==> flow/design.v <==
module muxn_top #(
   parameter integer DATA_WIDTH = 8,
   parameter integer N = 16,
   parameter integer SBITS = $clog2(N)
) (
   input  ck,
   input  resetn,
   input  [N*DATA_WIDTH-1:0] bus_in,
   input  [SBITS-1:0] s_in,
   output [DATA_WIDTH-1:0] dout_out
);
   reg [N*DATA_WIDTH-1:0] bus_s;
   reg [SBITS-1:0] s_s;
   always @(posedge ck) begin
      if (~resetn) begin
         bus_s <= 0;
         s_s <= 0;
      end else begin
         bus_s <= bus_in;
         s_s <= s_in;
      end
   end
   wire [N-1:0] oh = {{(N-1){1'b0}}, 1'b1} << s_s;
   reg [DATA_WIDTH-1:0] nxt;
   integer k;
   always @(*) begin
      nxt = 0;
      for (k = 0; k < N; k = k + 1)
         nxt = nxt | (bus_s[k*DATA_WIDTH +: DATA_WIDTH] & {DATA_WIDTH{oh[k]}});
   end
   assign dout_out = nxt;
endmodule
======== Reports on muxn_top ========
What the tools print for muxn_top, step after step.
Line numbers count from 1 in the design file above.
Operators: Yosys type, input widths -> output width; for muxes data width and select width s.
Library cell names are shortened.
Not given: n/a
set-up
  design top .............................. muxn_top
  clock ................................... ck
  cell library ............................ sky130hd
  timing corner ........................... tt_025C_1v80

======== Word level ========
Counts by Yosys on the flattened word-level netlist (proc, flatten, opt, wreduce; memories kept). Register bits leave out memories and registers merged into their read ports (data or address); mux counts leave out enables and synchronous resets folded into registers. Print and check cells are left out. Cells with the same type and inputs are merged into one.
storage and ports
  word-level cells ........................ 34
  input bits .............................. 134
  register bits ........................... 132
cells by class
  shift-type cells ........................ 1
  bitwise gates (word level) .............. 31
operator list
  operator              number
  $and 8x8->8           16
  $or 8x8->8            15
  $shl 1x4->16 const A  1

======== Depth ========
Depth = most cells in a row (Yosys ltp): at word level without a register or memory, in the mapped netlist without a sequential cell, where the memories' decode and read muxes count.
depth
  depth in word-level cells ............... 17
  ABC_AREA ................................ 0
  mapped depth ............................ 8
  gate-level depth less buffers ........... 4

======== Mapped cells and area ========
The flow's flattened synthesis, as Yosys stat reports it; memories are mapped. The netlist is that of the ABC_AREA named above (0 if unset); the other value can give another one.
synthesis totals
  chip area (Yosys) ....................... 4755.8 sq um
  flip-flops .............................. 132
  standard cells after synthesis .......... 427
cells by type
  cell      number
  dfxtp_1   132
  and2_1    135
  a22o_1    21
  mux2_2    14
  a221oi_1  16
  buf_6     8
  clkbuf_1  20
  a221o_1   7
  a32o_1    7
  a211oi_1  8
  o221ai_1  6
  nor2b_1   7
  a21oi_1   6
  and2b_1   4
  nor2b_4   2
  nand2_1   7
  buf_4     3
  mux4_2    1
Other cell types: 19; their cells: 23.

======== Timing after synthesis ========
Source: OpenSTA report_checks on the synthesized netlist (no wires, ideal clock, input and output delay 20% of the period each), path of least setup slack; recovery checks are left aside. Register names are those of the netlist, which keeps one name where synthesis merged equal registers.
timing path post-synthesis
  path kind ............................... register -> output
  from .................................... reg s_s[3]
  to ...................................... out dout_out[4]
  period .................................. 2.19 ns
  data arrival time ....................... 1.403 ns
  delay of the path ....................... 1.403 ns
  required time ........................... 1.752 ns
  path slack .............................. 0.349 ns
  stages on the path ...................... 7
  period reached after synthesis .......... 1.841 ns
"delay of the path" = arrival - input delay + setup time.
At an output port there is no setup time.
"stages on the path": output pins that drive a net of the path, with the launching flip-flop's if there is one; two outputs of one cell count as two.
"period reached after synthesis" = period - worst setup slack (recovery checks aside). The figure is calculated, with input and output delays left at 20% of the set period.
The rows between start and end are the longest chain of elaborated cells between them; the timing report does not say that the signal goes this way. Where chains are equally long, one stands for them.
A line is the first line of the expression or statement that the cell stems from. Yosys adds cells for indexed reads and writes and turns some case tables into memories.
on the way, post-synthesis
  path through ............................ dfxtp_1 buf_6 buf_6 mux2_4 a221o_1 a21oi_2 o221ai_2
  length of the longest elaborated chain .. 17
  elaborated cells on any way between the ends .. 32
  source lines of those cells ............. 2
  classes of those cells .................. shift: 1; logic: 31
ends and longest elaborated chain, post-synthesis
  element         line  text
  from (decl)     13    reg [SBITS-1:0] s_s;
  from (assign)   17    s_s <= 0;
  from (assign)   20    s_s <= s_in;
  $shl 1x4->16    23    wire [N-1:0] oh = {{(N-1){1'b0}}, 1'b1} << s_s;
  $and 8x8->8     29    nxt = nxt | (bus_s[k*DATA_WIDTH +: DATA_WIDTH] & {DATA_WIDTH{oh[k]}});
  $or 8x8->8 x15  29
  to (decl)       10    output [DATA_WIDTH-1:0] dout_out

======== Path in the finished layout ========
Path of least setup slack in the final report of flow run A (OpenROAD, finished layout, wires in). Where an end is a register, its clock arrival counts in the times.
timing path post-layout
  path kind ............................... register -> output
  from .................................... reg s_s[3]
  to ...................................... out dout_out[5]
  stages on the path ...................... 7
  required time ........................... 1.75 ns
  path slack .............................. -0.33 ns
  data arrival time ....................... 2.08 ns
  period .................................. 2.19 ns
The rows between start and end are the longest chain of elaborated cells between them; the timing report does not say that the signal goes this way. Where chains are equally long, one stands for them.
on the way, post-layout
  path through ............................ dfxtp_4 buf_6 mux2_4 a221o_1 a21oi_2 o221ai_2 buf_2
  length of the longest elaborated chain .. 17
  elaborated cells on any way between the ends .. 32
  source lines of those cells ............. 2
  classes of those cells .................. shift: 1; logic: 31
ends and longest elaborated chain, post-layout
  element         line  text
  from (decl)     13    reg [SBITS-1:0] s_s;
  from (assign)   17    s_s <= 0;
  from (assign)   20    s_s <= s_in;
  $shl 1x4->16    23    wire [N-1:0] oh = {{(N-1){1'b0}}, 1'b1} << s_s;
  $and 8x8->8     29    nxt = nxt | (bus_s[k*DATA_WIDTH +: DATA_WIDTH] & {DATA_WIDTH{oh[k]}});
  $or 8x8->8 x15  29
  to (decl)       10    output [DATA_WIDTH-1:0] dout_out

Lab notebook: muxn_top

Stored flow runs of muxn_top (3 of them; Yosys, OpenROAD, sky130hd). They differ in their settings and are not a sequence. Constraints: input delay and output delay 20% of the set period each, output load 0.01 pF.
"achieved clock period (ns)" = clock period - worst setup slack. The figure is calculated, with input and output delays left at 20% of the set period.
"worst setup path time (ns)": the worst setup path's part of the clock period (all of it between registers, 20% less for each end at a port) less its slack. A launch clock that arrives late makes it longer, a capture clock that arrives late makes it shorter.
By "finish__power__total" is meant OpenSTA's value without simulated activity: inputs other than the clock are taken to toggle once in ten clock periods, and the tool carries that through the logic.

Flow files of flow run A
==> flow/run.sh <==
#!/bin/bash
# the make line also repeats the synthesis and layout settings of config.mk as NAME=value (left out here)
make -C /OpenROAD-flow-scripts/flow DESIGN_CONFIG=/design/flow/config.mk WORK_HOME=/design/flow/orfs CLKGATE_MAP_FILE= finish
==> flow/config.mk <==
export PLATFORM = sky130hd
export DESIGN_NAME = muxn_top
export DESIGN_NICKNAME = muxn_top
export VERILOG_FILES = /design/flow/design.v
export SDC_FILE = /design/flow/constraint.sdc
export NUM_CORES = 4
export LEC_CHECK = 0
export CAP_MARGIN = 20
export CORE_MARGIN = 2
export CORE_UTILIZATION = 40
export SLEW_MARGIN = 20
==> flow/constraint.sdc <==
create_clock -name core_clock -period 2.19 [get_ports {ck}]
set_input_delay 0.4380 -clock core_clock [delete_from_list [all_inputs] [get_ports {ck}]]
set_output_delay 0.4380 -clock core_clock [all_outputs]
set_load 0.01 [all_outputs]

report of flow run A
yosys chip area after synthesis (um^2): 4755.8
finish__design__die__area: 12778.0
finish__design__instance__area__stdcell: 7123.1
finish__design__instance__utilization: 0.6185
finish__timing__setup__ws: -0.329
finish__power__total: 5.784e-03
achieved clock period (ns): 2.519
worst setup path time (ns): 2.08
worst setup path kind: register -> output

Flow files of flow run B
==> flow/run.sh <==
#!/bin/bash
# the make line also repeats the synthesis and layout settings of config.mk as NAME=value (left out here)
make -C /OpenROAD-flow-scripts/flow DESIGN_CONFIG=/design/flow/config.mk WORK_HOME=/design/flow/orfs CLKGATE_MAP_FILE= finish
==> flow/config.mk <==
export PLATFORM = sky130hd
export DESIGN_NAME = muxn_top
export DESIGN_NICKNAME = muxn_top
export VERILOG_FILES = /design/flow/design.v
export SDC_FILE = /design/flow/constraint.sdc
export NUM_CORES = 4
export LEC_CHECK = 0
export CAP_MARGIN = 20
export CELL_PAD_IN_SITES_GLOBAL_PLACEMENT = 1
export CORE_MARGIN = 8
export CORE_UTILIZATION = 17
export PLACE_DENSITY_LB_ADDON = 0.24
export SETUP_SLACK_MARGIN = 0.31
export SLEW_MARGIN = 25
==> flow/constraint.sdc <==
create_clock -name core_clock -period 1.4 [get_ports {ck}]
set_input_delay 0.2800 -clock core_clock [delete_from_list [all_inputs] [get_ports {ck}]]
set_output_delay 0.2800 -clock core_clock [all_outputs]
set_load 0.01 [all_outputs]

report of flow run B
yosys chip area after synthesis (um^2): 4755.8
finish__design__die__area: 33584.2
finish__design__instance__area__stdcell: 7726.2
finish__design__instance__utilization: 0.2789
finish__timing__setup__ws: -1.013
finish__power__total: 9.640e-03
achieved clock period (ns): 2.413
worst setup path time (ns): 2.13
worst setup path kind: register -> output

Flow files of flow run C
==> flow/run.sh <==
#!/bin/bash
# the make line also repeats the synthesis and layout settings of config.mk as NAME=value (left out here)
make -C /OpenROAD-flow-scripts/flow DESIGN_CONFIG=/design/flow/config.mk WORK_HOME=/design/flow/orfs CLKGATE_MAP_FILE= finish
==> flow/config.mk <==
export PLATFORM = sky130hd
export DESIGN_NAME = muxn_top
export DESIGN_NICKNAME = muxn_top
export VERILOG_FILES = /design/flow/design.v
export SDC_FILE = /design/flow/constraint.sdc
export NUM_CORES = 4
export LEC_CHECK = 0
export CAP_MARGIN = 20
export CELL_PAD_IN_SITES_GLOBAL_PLACEMENT = 0
export CORE_ASPECT_RATIO = 1.49
export CORE_MARGIN = 2
export CORE_UTILIZATION = 39
export CTS_CLUSTER_SIZE = 48
export GPL_ROUTABILITY_DRIVEN = 0
export MIN_ROUTING_LAYER = met2
export PLACE_DENSITY = 0.39
export SLEW_MARGIN = 20
==> flow/constraint.sdc <==
create_clock -name core_clock -period 2.3 [get_ports {ck}]
set_input_delay 0.4600 -clock core_clock [delete_from_list [all_inputs] [get_ports {ck}]]
set_output_delay 0.4600 -clock core_clock [all_outputs]
set_load 0.01 [all_outputs]

report of flow run C
yosys chip area after synthesis (um^2): 4755.8
finish__design__die__area: 13111.3
finish__design__instance__area__stdcell: 7246.9
finish__design__instance__utilization: 0.6031
finish__timing__setup__ws: -0.320
finish__power__total: 5.766e-03
achieved clock period (ns): 2.620
worst setup path time (ns): 2.16
worst setup path kind: register -> output
